==> flow/design.v <==
module u_data_mux_mod #(
    parameter DWIDTH = 32,
    parameter COUNT = 3,
    parameter LOGN = $clog2(COUNT)
) (
    input logic sys_clk,
    input logic [COUNT*DWIDTH-1:0] in_src,
    input logic [LOGN-1:0] in_s,
    output logic [DWIDTH-1:0] out_data_out
);
    logic [COUNT*DWIDTH-1:0] src_q;
    always_ff @(posedge sys_clk)
        src_q <= in_src;
    logic [LOGN-1:0] s_q;
    always_ff @(posedge sys_clk)
        s_q <= in_s;
    assign out_data_out = src_q[s_q*DWIDTH +: DWIDTH];
endmodule
* Reports on u_data_mux_mod
What the tools print for u_data_mux_mod, step after step.
Lines are those of the file above, counted from 1.
Operators: Yosys type, input widths -> output width; for muxes data width and select width s.
Library cell names are shortened.
Not given: n/a
- Top module :: u_data_mux_mod
- Clock port :: sys_clk
- Library :: sky130hd
- Corner :: tt_025C_1v80

* After elaboration
Yosys after proc, flatten, opt, wreduce and memory -nomap, before mapping. Enables and synchronous resets that opt folds into registers are not counted as muxes. Memory bits, and registers merged into a memory's read port (data or address), are not among the register bits. Print and check cells are not counted. Equal cells are merged and count once.
- Flip-flop bits (word level) :: 98
- Input port bits :: 99
- Output and inout port bits :: 32
- Word-level cells :: 3
- Shift operators :: 1
** Operators by type and width (number)
- $shiftx 96x8->32 :: 1

* Depth
Yosys ltp: most cells in a row. Word level: on the elaborated netlist, between registers, memories and ports. Mapped: between sequential cells and ports; inverters and the memories' decode and read muxes count.
- Depth after elaboration :: 1
- ABC_AREA :: 0
- Mapped depth :: 5
- Mapped depth without buffers :: 2

* Netlist
Source: synth_stat.txt of the flow (Yosys; design flattened, memories mapped). It holds for the ABC_AREA given above (unset counts as 0); a run with the other value may have another netlist.
- Cell count :: 175
- Mapped area :: 2748.9 sq um
- Area of sequential cells :: 1961.9 sq um
- Mapped flip-flops :: 98
- Buffer cells :: 12
** Cells by type
- dfxtp_1 :: number 98, total area 1.96E+03 sq um
- mux2i_1 :: number 32, total area 320.307 sq um
- o2bb2ai_1 :: number 22, total area 192.685 sq um
- o2bb2ai_2 :: number 10, total area 150.144 sq um
- buf_6 :: number 8, total area 90.086 sq um
- nor2b_4 :: number 1, total area 13.763 sq um
- buf_4 :: number 1, total area 7.507 sq um
- clkbuf_1 :: number 2, total area 7.507 sq um
- buf_2 :: number 1, total area 5.005 sq um

* Timing after synthesis
Path of least setup slack by OpenSTA after synthesis, without wires, with an ideal clock, recovery checks aside; 20% of the period is set as input and as output delay. Where synthesis merged equal registers, the netlist keeps one of their names.
- Path kind :: reg2out
- Start point :: register s_q[1]
- End point :: output port out_data_out[12]
- Clock period :: 1.43 ns
- External output delay :: 0.286 ns
- Time at the first pin :: 0.000 ns
- Arrival :: 0.915 ns
- Data required time :: 1.144 ns
- Setup slack :: 0.229 ns
- Delay of the path :: 0.915 ns
- Stages :: 6
- Buffers on the path :: 3
- Synthesis period reached :: 1.201 ns
"delay of the path" = arrival - input delay + setup time.
A path that ends at an output port has no setup time.
"stages" counts driving pins, that of a launching flip-flop among them; a cell with two outputs on the path counts twice.
"synthesis period reached" is the clock period less the worst setup slack; recovery checks do not enter. This is arithmetic on one report: input and output delays are still those of the set period (20% each).
Between the ends stands the longest chain of elaborated cells between them, by number of cells; it is not shown to be the way that was timed. Of several equally long chains one is given.
A line is the first line of the expression or statement that the cell stems from. Yosys adds cells for indexed reads and writes and turns some case tables into memories.
- Path through :: dfxtp_1 -> buf_4 -> nor2b_4 -> buf_6 -> buf_6 -> o2bb2ai_1
- Length of the longest elaborated chain :: 1
- Elaborated cells between the ends (all ways) :: 1
- RTL lines with such cells :: 1
- Those cells by class :: 1 x shift
** Ends and longest elaborated chain, after synthesis
- start, declared :: RTL line 14 : logic [LOGN-1:0] s_q;
- start, assigned :: RTL line 16 : s_q <= in_s;
- $shiftx 96x8->32 :: RTL line 17 : assign out_data_out = src_q[s_q*DWIDTH +: DWIDTH];
- end, declared :: RTL line 9 : output logic [DWIDTH-1:0] out_data_out

* Path in the finished layout
Path of least setup slack in the final report of stored run 1 (OpenROAD, finished layout, wires in). Where an end is a register, its clock arrival counts in the times.
- Path kind :: reg2out
- Start point :: register s_q[0]
- End point :: output port out_data_out[11]
- Clock period :: 0.843 ns
- External output delay :: 0.17 ns
- Time at the first pin :: 0.34 ns
- Arrival :: 1.49 ns
- Data required time :: 0.67 ns
- Setup slack :: -0.81 ns
- Stages :: 6
- Buffers on the path :: 3
Between the ends stands the longest chain of elaborated cells between them, by number of cells; it is not shown to be the way that was timed. Of several equally long chains one is given.
- Path through :: dfxtp_4 -> buf_12 -> buf_4 -> mux2i_2 -> o2bb2ai_2 -> buf_2
- Length of the longest elaborated chain :: 1
- Elaborated cells between the ends (all ways) :: 1
- RTL lines with such cells :: 1
- Those cells by class :: 1 x shift
** Ends and longest elaborated chain, after layout
- start, declared :: RTL line 14 : logic [LOGN-1:0] s_q;
- start, assigned :: RTL line 16 : s_q <= in_s;
- $shiftx 96x8->32 :: RTL line 17 : assign out_data_out = src_q[s_q*DWIDTH +: DWIDTH];
- end, declared :: RTL line 9 : output logic [DWIDTH-1:0] out_data_out

==> results <==
Design u_data_mux_mod on sky130hd. What follows are 3 stored runs of the flow, each under its own settings; their order means nothing. The constraints put input and output delay at 20% of the set period each and load the outputs with 0.01 pF.
By "time on the worst setup path" is meant the share of the clock period that the worst setup path is allowed (20% is reserved at inputs, 20% at outputs), minus its slack. Clock arrival times at its registers enter into it.
"power": no workload was simulated; the value follows from the tool's default switching activity.

** Stored run 1
- Settings :: period_ns=0.843; CORE_UTILIZATION=37; SETUP_SLACK_MARGIN=0.02; PLACE_DENSITY_LB_ADDON=0.09; CORE_MARGIN=2; ABC_AREA=0; CAP_MARGIN=5; SLEW_MARGIN=0; MAX_ROUTING_LAYER=met5
- Synthesis area :: 2748.9 sq um
- Area inside the die boundary :: 8135.1 sq um
- Utilization after layout :: 67.0%
- Smallest setup slack :: -0.815 ns
- Summed negative setup slack :: -24.534 ns
- Final worst hold slack :: 0.254 ns
- Power :: 9425 µW
- Time on the worst setup path :: 1.49 ns
- Worst setup path kind :: reg2out

** Stored run 2
- Settings :: period_ns=1.42; CORE_UTILIZATION=26; SETUP_SLACK_MARGIN=0.25; PLACE_DENSITY_LB_ADDON=0.08; CORE_ASPECT_RATIO=0.93; CORE_MARGIN=6; CELL_PAD_IN_SITES_GLOBAL_PLACEMENT=0; CAP_MARGIN=30; MIN_ROUTING_LAYER=met1; MAX_ROUTING_LAYER=met5; SLEW_MARGIN=20
- Synthesis area :: 2748.9 sq um
- Area inside the die boundary :: 13185.8 sq um
- Utilization after layout :: 46.8%
- Smallest setup slack :: -0.345 ns
- Summed negative setup slack :: -9.442 ns
- Final worst hold slack :: 0.386 ns
- Power :: 6069 µW
- Time on the worst setup path :: 1.48 ns
- Worst setup path kind :: reg2out

** Stored run 3
- Settings :: period_ns=1.43; CAP_MARGIN=20; CORE_MARGIN=2; CORE_UTILIZATION=40; SLEW_MARGIN=20
- Synthesis area :: 2748.9 sq um
- Area inside the die boundary :: 7551.6 sq um
- Utilization after layout :: 67.3%
- Smallest setup slack :: -0.303 ns
- Summed negative setup slack :: -8.764 ns
- Final worst hold slack :: 0.360 ns
- Power :: 5500 µW
- Time on the worst setup path :: 1.45 ns
- Worst setup path kind :: reg2out
